==> flow/design.v <==
module mul_unit #(
    parameter BITS = 6
) (
    input  wire clk,
    input  wire resetn,
    input  wire [BITS-1:0] a_in,
    input  wire [BITS-1:0] b_in,
    output wire [2*BITS-1:0] p_out
);
    reg [BITS-1:0] a_ff;
    reg [BITS-1:0] b_ff;
    always @(posedge clk) begin
        if (~resetn) begin
            a_ff <= 0;
            b_ff <= 0;
        end else begin
            a_ff <= a_in;
            b_ff <= b_in;
        end
    end
    localparam H = BITS / 2;
    wire [BITS-1:0] ll;
    half_mul #(.N(H)) u (.a(a_ff[H-1:0]), .b(b_ff[H-1:0]), .p(ll));
    wire [BITS-1:0] lh;
    half_mul #(.N(H)) el (.a(a_ff[H-1:0]), .b(b_ff[BITS-1:H]), .p(lh));
    wire [BITS-1:0] hl;
    half_mul #(.N(H)) i_sub (.a(a_ff[BITS-1:H]), .b(b_ff[H-1:0]), .p(hl));
    wire [BITS-1:0] hh;
    half_mul #(.N(H)) u0 (.a(a_ff[BITS-1:H]), .b(b_ff[BITS-1:H]), .p(hh));
    wire [BITS:0] aux = lh + hl;
    reg [2*BITS-1:0] p_ff;
    always @(posedge clk) begin
        if (~resetn) begin
            p_ff <= 0;
        end else begin
            p_ff <= {hh, ll} + {aux, {H{1'b0}}};
        end
    end
    assign p_out = p_ff;
endmodule
module half_mul #(parameter N = 4) (
    input wire [N-1:0] a,
    input wire [N-1:0] b,
    output wire [2*N-1:0] p
);
    assign p = a * b;
endmodule
* From RTL to reports: mul_unit
Tool output for the design above, in the order of the flow.
Line numbers count from 1 in the design file above.
Operators carry their Yosys type and port widths (W data, S select, Z words).
Library cell names are shortened.
The mark -- stands for no value.
- Top module :: mul_unit
- Clock :: clk
- Library :: sky130hd
- Timing corner :: tt_025C_1v80

* Word-level counts
Source: Yosys, flattened and elaborated, memories not mapped. Widths are those after wreduce; folded enables and synchronous resets count as part of the registers. Registers that Yosys merges into a memory's read port (data or address) are not register bits. Print and check cells do not count. Equal cells are merged and count once.
- Flip-flop bits (word level) :: 24
- Output and inout port bits :: 12
- Bits of input ports :: 14
- $add $sub $neg :: 2
- Multipliers :: 4
** Operator list (count)
- $mul A3 B3 Y6 :: 4
- $add A12 B10 Y12 :: 1
- $add A6 B6 Y7 :: 1

* Longest topological paths
Longest topological path by Yosys (ltp), each cell counted once; first at word level (registers and memories cut), then after technology mapping (sequential cells cut; the memories' decode and read muxes count).
- Word-level depth :: 3
- ABC_AREA :: 0
- Mapped depth :: 17
- Depth with buffers taken out :: 17

* Synthesis result
Yosys stat after the flow's synthesis: flattened, memories mapped to cells. It holds for the ABC_AREA given above (unset counts as 0); a run with the other value may have another netlist.
The area totals of this step are shown rounded.
- Chip area (Yosys) :: 1900 µm²
- Buffer cells :: 3
- Cell count :: 204
- Mapped flip-flops :: 24
- Sequential part of the area :: 480 µm²
** Cell types (count)
- dfxtp_1 :: 24
- ha_1 :: 28
- fa_1 :: 14
- and2_1 :: 43
- inv_1 :: 26
- nand2_1 :: 11
- a21o_1 :: 4
- a211oi_2 :: 2
- a21oi_1 :: 5
- and3_1 :: 3
- nand2b_1 :: 3
- nor2b_1 :: 3
- xnor2_1 :: 2
- xor2_1 :: 2
- a211oi_1 :: 2
- nor2_1 :: 4
- o211ai_1 :: 2
- o21ai_0 :: 3
Not listed: further types 18, cells in them 23.
By module: a second synthesis without flattening, with its own total; a netlist apart from the flattened one above.
- Cell total of the unflattened synthesis :: 213
- Area (unflattened synthesis) :: 1950 µm²
Rows give one instance, submodules left out.
** By module
- mul_unit :: seq. area 480 µm², instances 1, area 1160 µm², cells 117
- half_mul (N=3) :: seq. area 0.0 µm², instances 4, area 196 µm², cells 24

* Worst setup path after synthesis
Path of least setup slack by OpenSTA after synthesis, without wires, with an ideal clock, recovery checks aside; 20% of the period is set as input and as output delay. Where synthesis merged equal registers, the netlist keeps one of their names.
- Kind :: register to register
- Start point :: reg a_ff[0]
- End point :: reg p_ff[10]
- Arrival time :: 3939 ps
- Setup slack :: 1001 ps
- Driving pins on the path :: 18
- Path delay :: 4009 ps
- Library setup time :: 70 ps
- Required time :: 4940 ps
- Time at the first pin :: 0 ps
- Path buffers :: 0
- Clock period :: 5010 ps
- Synthesis period reached :: 4009 ps
"path delay" is the arrival time less input delay plus setup time.
"driving pins on the path" counts driving pins, that of a launching flip-flop among them; a cell with two outputs on the path counts twice.
"synthesis period reached" is the clock period less the worst setup slack; recovery checks do not enter. This is arithmetic on one report: input and output delays are still those of the set period (20% each).
Between the ends stands the longest chain of elaborated cells between them, by number of cells; it is not shown to be the way that was timed. Of several equally long chains one is given.
Each line given opens the expression or statement behind the cell; cells for indexed reads and writes are added by Yosys, which also makes memories of some case tables.
- Cells stage by stage :: dfxtp_1 and2_1 fa_1 inv_1 fa_1 inv_1 fa_1 ha_1 inv_1 fa_1 nor2b_1 o21ai_0 nand2b_1 ha_1 a21oi_1 o31ai_1 or3_1 a21boi_1
- Cells in the longest elaborated chain :: 3
- Elaborated cells between the ends (all ways) :: 4
- Those cells by class :: add/sub (2); mul (2)
** RTL lines, path after synthesis
- start: declaration :: RTL line 10 : reg [BITS-1:0] a_ff;
- start: assignment :: RTL line 14 : a_ff <= 0;
- start: assignment :: RTL line 17 : a_ff <= a_in;
- $mul A3 B3 Y6 :: RTL line 46 : assign p = a * b;
- $add A6 B6 Y7 :: RTL line 30 : wire [BITS:0] aux = lh + hl;
- $add A12 B10 Y12 :: RTL line 36 : p_ff <= {hh, ll} + {aux, {H{1'b0}}};
- end: assignment :: RTL line 34 : p_ff <= 0;
- end: assignment :: RTL line 36
- end: declaration :: RTL line 31 : reg [2*BITS-1:0] p_ff;

* Path in the finished layout
Path of least setup slack in the final report of flow run 2 (OpenROAD, finished layout, wires in). Where an end is a register, its clock arrival counts in the times.
The report prints the path's times to 10 ps; the period is as set.
- Kind :: register to register
- Start point :: reg a_ff[3]
- End point :: reg p_ff[10]
- Setup slack :: 790 ps
- Arrival time :: 4720 ps
- Path buffers :: 0
- Driving pins on the path :: 17
- Time at the first pin :: 260 ps
- Library setup time :: 60 ps
- Clock period :: 5300 ps
- Required time :: 5500 ps
Between the ends stands the longest chain of elaborated cells between them, by number of cells; it is not shown to be the way that was timed. Of several equally long chains one is given.
- Cells stage by stage :: dfxtp_1 nand2_1 fa_1 fa_1 inv_1 fa_1 ha_1 inv_1 fa_1 nor2b_1 o21ai_0 nand2b_1 ha_1 a21oi_1 o31ai_1 or3_1 a21boi_1
- Cells in the longest elaborated chain :: 3
- Elaborated cells between the ends (all ways) :: 4
- Those cells by class :: add/sub (2); mul (2)
** RTL lines, path after layout
- start: declaration :: RTL line 10 : reg [BITS-1:0] a_ff;
- start: assignment :: RTL line 14 : a_ff <= 0;
- start: assignment :: RTL line 17 : a_ff <= a_in;
- $mul A3 B3 Y6 :: RTL line 46 : assign p = a * b;
- $add A6 B6 Y7 :: RTL line 30 : wire [BITS:0] aux = lh + hl;
- $add A12 B10 Y12 :: RTL line 36 : p_ff <= {hh, ll} + {aux, {H{1'b0}}};
- end: assignment :: RTL line 34 : p_ff <= 0;
- end: assignment :: RTL line 36
- end: declaration :: RTL line 31 : reg [2*BITS-1:0] p_ff;

Design mul_unit on sky130hd. What follows are 3 stored runs of the flow, each under its own settings; their order means nothing. The constraints put input and output delay at 20% of the set period each and load the outputs with 0.01 pF.
"total design power" rests on the timing tool's default activity at the inputs, not on a simulated workload.
The results are shown rounded.

** Flow run 1
- Settings :: period_ns=2.7; CORE_UTILIZATION=42; SETUP_SLACK_MARGIN=0.04; PLACE_DENSITY_LB_ADDON=0.15; CELL_PAD_IN_SITES_GLOBAL_PLACEMENT=3; TNS_END_PERCENT=85; CTS_CLUSTER_SIZE=98; CAP_MARGIN=30; SLEW_MARGIN=10; MAX_ROUTING_LAYER=met5; CORE_MARGIN=2
- Outcome :: no results, placement failed with FLW-0024

** Flow run 2
- Settings :: period_ns=5.3; CORE_UTILIZATION=33; CELL_PAD_IN_SITES_DETAIL_PLACEMENT=2; GPL_TIMING_DRIVEN=0; CAP_MARGIN=15; SLEW_MARGIN=10; CORE_MARGIN=2
- Die size :: 6380 µm²
- Standard-cell area of the final layout :: 2310 µm²
- Total design power :: 0.459 mW
- Mapped cell area after synthesis :: 1900 µm²
- Post-layout utilization :: 0.417
- Final worst hold slack :: 581 ps
- Worst setup slack after layout :: 786 ps

** Flow run 3
- Settings :: period_ns=5.01; CAP_MARGIN=20; CORE_MARGIN=2; CORE_UTILIZATION=40; SLEW_MARGIN=20
- Die size :: 5320 µm²
- Standard-cell area of the final layout :: 2280 µm²
- Total design power :: 0.474 mW
- Mapped cell area after synthesis :: 1900 µm²
- Post-layout utilization :: 0.489
- Final worst hold slack :: 560 ps
- Worst setup slack after layout :: 676 ps
